==> flow/design.v <==
module core_mux_stage #(
    parameter DATA_WIDTH = 12,
    parameter N = 3,
    parameter SEL_W = $clog2(N)
) (
    input  clk_i,
    input  nrst,
    input  [N*DATA_WIDTH-1:0] i_in,
    input  [SEL_W-1:0] i_pick,
    output reg [DATA_WIDTH-1:0] o_res
);
    wire [N-1:0] hot;
    assign hot = {{(N-1){1'b0}}, 1'b1} << i_pick;
    reg [DATA_WIDTH-1:0] nxt;
    integer i;
    always @(*) begin
        nxt = 0;
        for (i = 0; i < N; i = i + 1)
            nxt = nxt | (i_in[i*DATA_WIDTH +: DATA_WIDTH] & {DATA_WIDTH{hot[i]}});
    end
    always @(posedge clk_i or negedge nrst) begin
        if (~nrst) begin
            o_res <= 0;
        end else begin
            o_res <= nxt;
        end
    end
endmodule
Tool chain data of core_mux_stage
The steps from the RTL of core_mux_stage to its reports follow in flow order.
Lines are those of the file above, counted from 1.
Not given: --
- top module: core_mux_stage
- clock: clk_i
- standard-cell library: sky130hd
- library corner: tt_025C_1v80

Word-level counts
Yosys after proc, flatten, opt, wreduce and memory -nomap, before mapping. Enables and synchronous resets that opt folds into registers are not counted as muxes. Memory bits, and registers merged into a memory's read port (data or address), are not among the register bits. Print and check cells are not counted. Equal cells are merged and count once.
- register bits after elaboration: 12
- input bits at 40
- output and inout port bits: 12
- elaborated cells: 7
- shift-type cells at 1
- noted bitwise logic cells: 5
- operators with widths (cell ; count):
    bitwise AND 12 bit ; 3
    OR 12 bit ; 2
    left shift 1 x 2 -> 3 bit (first input constant) ; 1

Longest topological paths
Longest topological path by Yosys (ltp), each cell counted once; first at word level (registers and memories cut), then after technology mapping (sequential cells cut; the memories' decode and read muxes count).
- word-level depth: 4
- ABC_AREA at 0
- mapped depth: 3
- noted depth with buffers taken out: 2

Synthesis result
Yosys stat after the flow's synthesis: flattened, memories mapped to cells. It holds for the ABC_AREA given above (unset counts as 0); a run with the other value may have another netlist.
The area totals of this step are shown rounded.
- cells by type (cell type ; count):
    sky130_fd_sc_hd__dfrtp_1 ; 12
    sky130_fd_sc_hd__mux2i_1 ; 12
    sky130_fd_sc_hd__o2bb2ai_1 ; 12
    sky130_fd_sc_hd__buf_6 ; 1
    sky130_fd_sc_hd__nor2b_1 ; 1
    sky130_fd_sc_hd__buf_2 ; 1
    sky130_fd_sc_hd__clkbuf_1 ; 1
- cells in the netlist: 40
- synthesis area at 552 um^2
- noted sequential part of the area: 300 um^2
- mapped flip-flops: 12
- buffers at 3

Path before layout
Path of least setup slack by OpenSTA after synthesis, without wires, with an ideal clock, recovery checks aside; 20% of the period is set as input and as output delay. Where synthesis merged equal registers, the netlist keeps one of their names.
- kind: input -> register
- start point: in i_pick[1]
- end point: reg o_res[10]
- noted period: 880 ps
- input delay at 176 ps
- setup time: 78 ps
- noted time at the first pin: 176 ps
- noted arrival: 661 ps
- slack at 141 ps
- path delay: 563 ps
- stages on the path: 3
- path buffers at 1
- period reached after synthesis at 739 ps
"path delay" is the arrival time less input delay plus setup time.
"stages on the path": output pins that drive a net of the path, with the launching flip-flop's if there is one; two outputs of one cell count as two.
"period reached after synthesis" is the clock period less the worst setup slack; recovery checks do not enter. This is arithmetic on one report: input and output delays are still those of the set period (20% each).
The rows between start and end are the longest chain of elaborated cells between them; the timing report does not say that the signal goes this way. Where chains are equally long, one stands for them.
Each line given opens the expression or statement behind the cell; cells for indexed reads and writes are added by Yosys, which also makes memories of some case tables.
- cell sequence: sky130_fd_sc_hd__nor2b_1 -> sky130_fd_sc_hd__buf_2 -> sky130_fd_sc_hd__o2bb2ai_1
- noted cells in the longest elaborated chain: 4
- RTL lines, path after synthesis (what ; line ; text):
    from (decl) ; 9 ; input  [SEL_W-1:0] i_pick,
    left shift 1 x 2 -> 3 bit ; 13 ; assign hot = {{(N-1){1'b0}}, 1'b1} << i_pick;
    bitwise AND 12 bit ; 19 ; nxt = nxt | (i_in[i*DATA_WIDTH +: DATA_WIDTH] & {DATA_WIDTH{hot[i]}});
    OR 12 bit (2 in a row) ; 19 ;
    to (assign) ; 23 ; o_res <= 0;
    to (assign) ; 25 ; o_res <= nxt;
    to (decl) ; 10 ; output reg [DATA_WIDTH-1:0] o_res

Timing after layout
Path of least setup slack in the final report of run A (OpenROAD, finished layout, wires in). Where an end is a register, its clock arrival counts in the times.
The path's times are printed in steps of 10 ps; the period is the one set.
- kind: register -> output
- start point: reg o_res[11]
- end point: out o_res[11]
- noted period: 880 ps
- external output delay at 180 ps
- noted time at the first pin: 270 ps
- noted arrival: 790 ps
- slack at -90 ps
- stages on the path: 2
- path buffers at 1
- cell sequence: sky130_fd_sc_hd__dfrtp_1 -> sky130_fd_sc_hd__buf_2
- noted cells in the longest elaborated chain: 0
- RTL lines, path post-layout (what ; line ; text):
    from (decl) ; 10 ; output reg [DATA_WIDTH-1:0] o_res
    from (assign) ; 23 ; o_res <= 0;
    from (assign) ; 25 ; o_res <= nxt;
    to (decl) ; 10 ;

==> runs of core_mux_stage <==
Measured data: module core_mux_stage, platform sky130hd, 3 stored runs of the flow under differing settings, order arbitrary. Input and output delays are each 20% of the period that was set; the output load is 0.01 pF.
By "reached clock period" is meant the clock period of the run minus its worst setup slack. This is arithmetic on one report: input and output delays are still those of the set period (20% each).
"time used up by the worst setup path" = time allowed to the worst setup path (clock period - input delay - output delay, where it has them) - its slack; a late launch clock adds to it, a late capture clock takes from it.
By "power consumption" is meant OpenSTA's value without simulated activity: inputs other than the clock are taken to toggle once in ten clock periods, and the tool carries that through the logic.
"time used up by the worst setup path" is given in steps of 10 ps.
Results are given in rounded form.

Run A
Settings were period_ns = 0.88; CAP_MARGIN = 20; CORE_MARGIN = 2; CORE_UTILIZATION = 40; SLEW_MARGIN = 20
- std-cell area (final layout): 1140 um^2
- noted the die footprint: 1690 um^2
- area of the synthesized netlist at 552 um^2
- noted the time used up by the worst setup path: 790 ps
- critical path kind: register -> output
- total negative slack on setup checks: -804 ps
- reached clock period at 969 ps
- noted the setup slack of the critical path: -89 ps
- power consumption at 1480 uW

Run B
Settings were period_ns = 0.783; CORE_UTILIZATION = 15; CORE_ASPECT_RATIO = 1.78; CELL_PAD_IN_SITES_GLOBAL_PLACEMENT = 0; TNS_END_PERCENT = 35; ABC_AREA = 0; GPL_ROUTABILITY_DRIVEN = 1; CAP_MARGIN = 20; SLEW_MARGIN = 30; MAX_ROUTING_LAYER = met5; CORE_MARGIN = 2
- std-cell area (final layout): 1170 um^2
- noted the die footprint: 4200 um^2
- area of the synthesized netlist at 552 um^2
- noted the time used up by the worst setup path: 720 ps
- critical path kind: register -> output
- total negative slack on setup checks: -1080 ps
- reached clock period at 880 ps
- noted the setup slack of the critical path: -97 ps
- power consumption at 1670 uW

Run C
Settings were period_ns = 1.15; CORE_UTILIZATION = 30; PLACE_DENSITY_LB_ADDON = 0.23; CORE_ASPECT_RATIO = 1.63; CELL_PAD_IN_SITES_DETAIL_PLACEMENT = 0; CTS_CLUSTER_DIAMETER = 205; SLEW_MARGIN = 40; MIN_ROUTING_LAYER = met2; MAX_ROUTING_LAYER = met5; CAP_MARGIN = 20; CORE_MARGIN = 2
- std-cell area (final layout): 1150 um^2
- noted the die footprint: 2210 um^2
- area of the synthesized netlist at 552 um^2
- noted the time used up by the worst setup path: 880 ps
- critical path kind: register -> output
- total negative slack on setup checks: 0 ps
- reached clock period at 1107 ps
- noted the setup slack of the critical path: 43 ps
- power consumption at 1110 uW
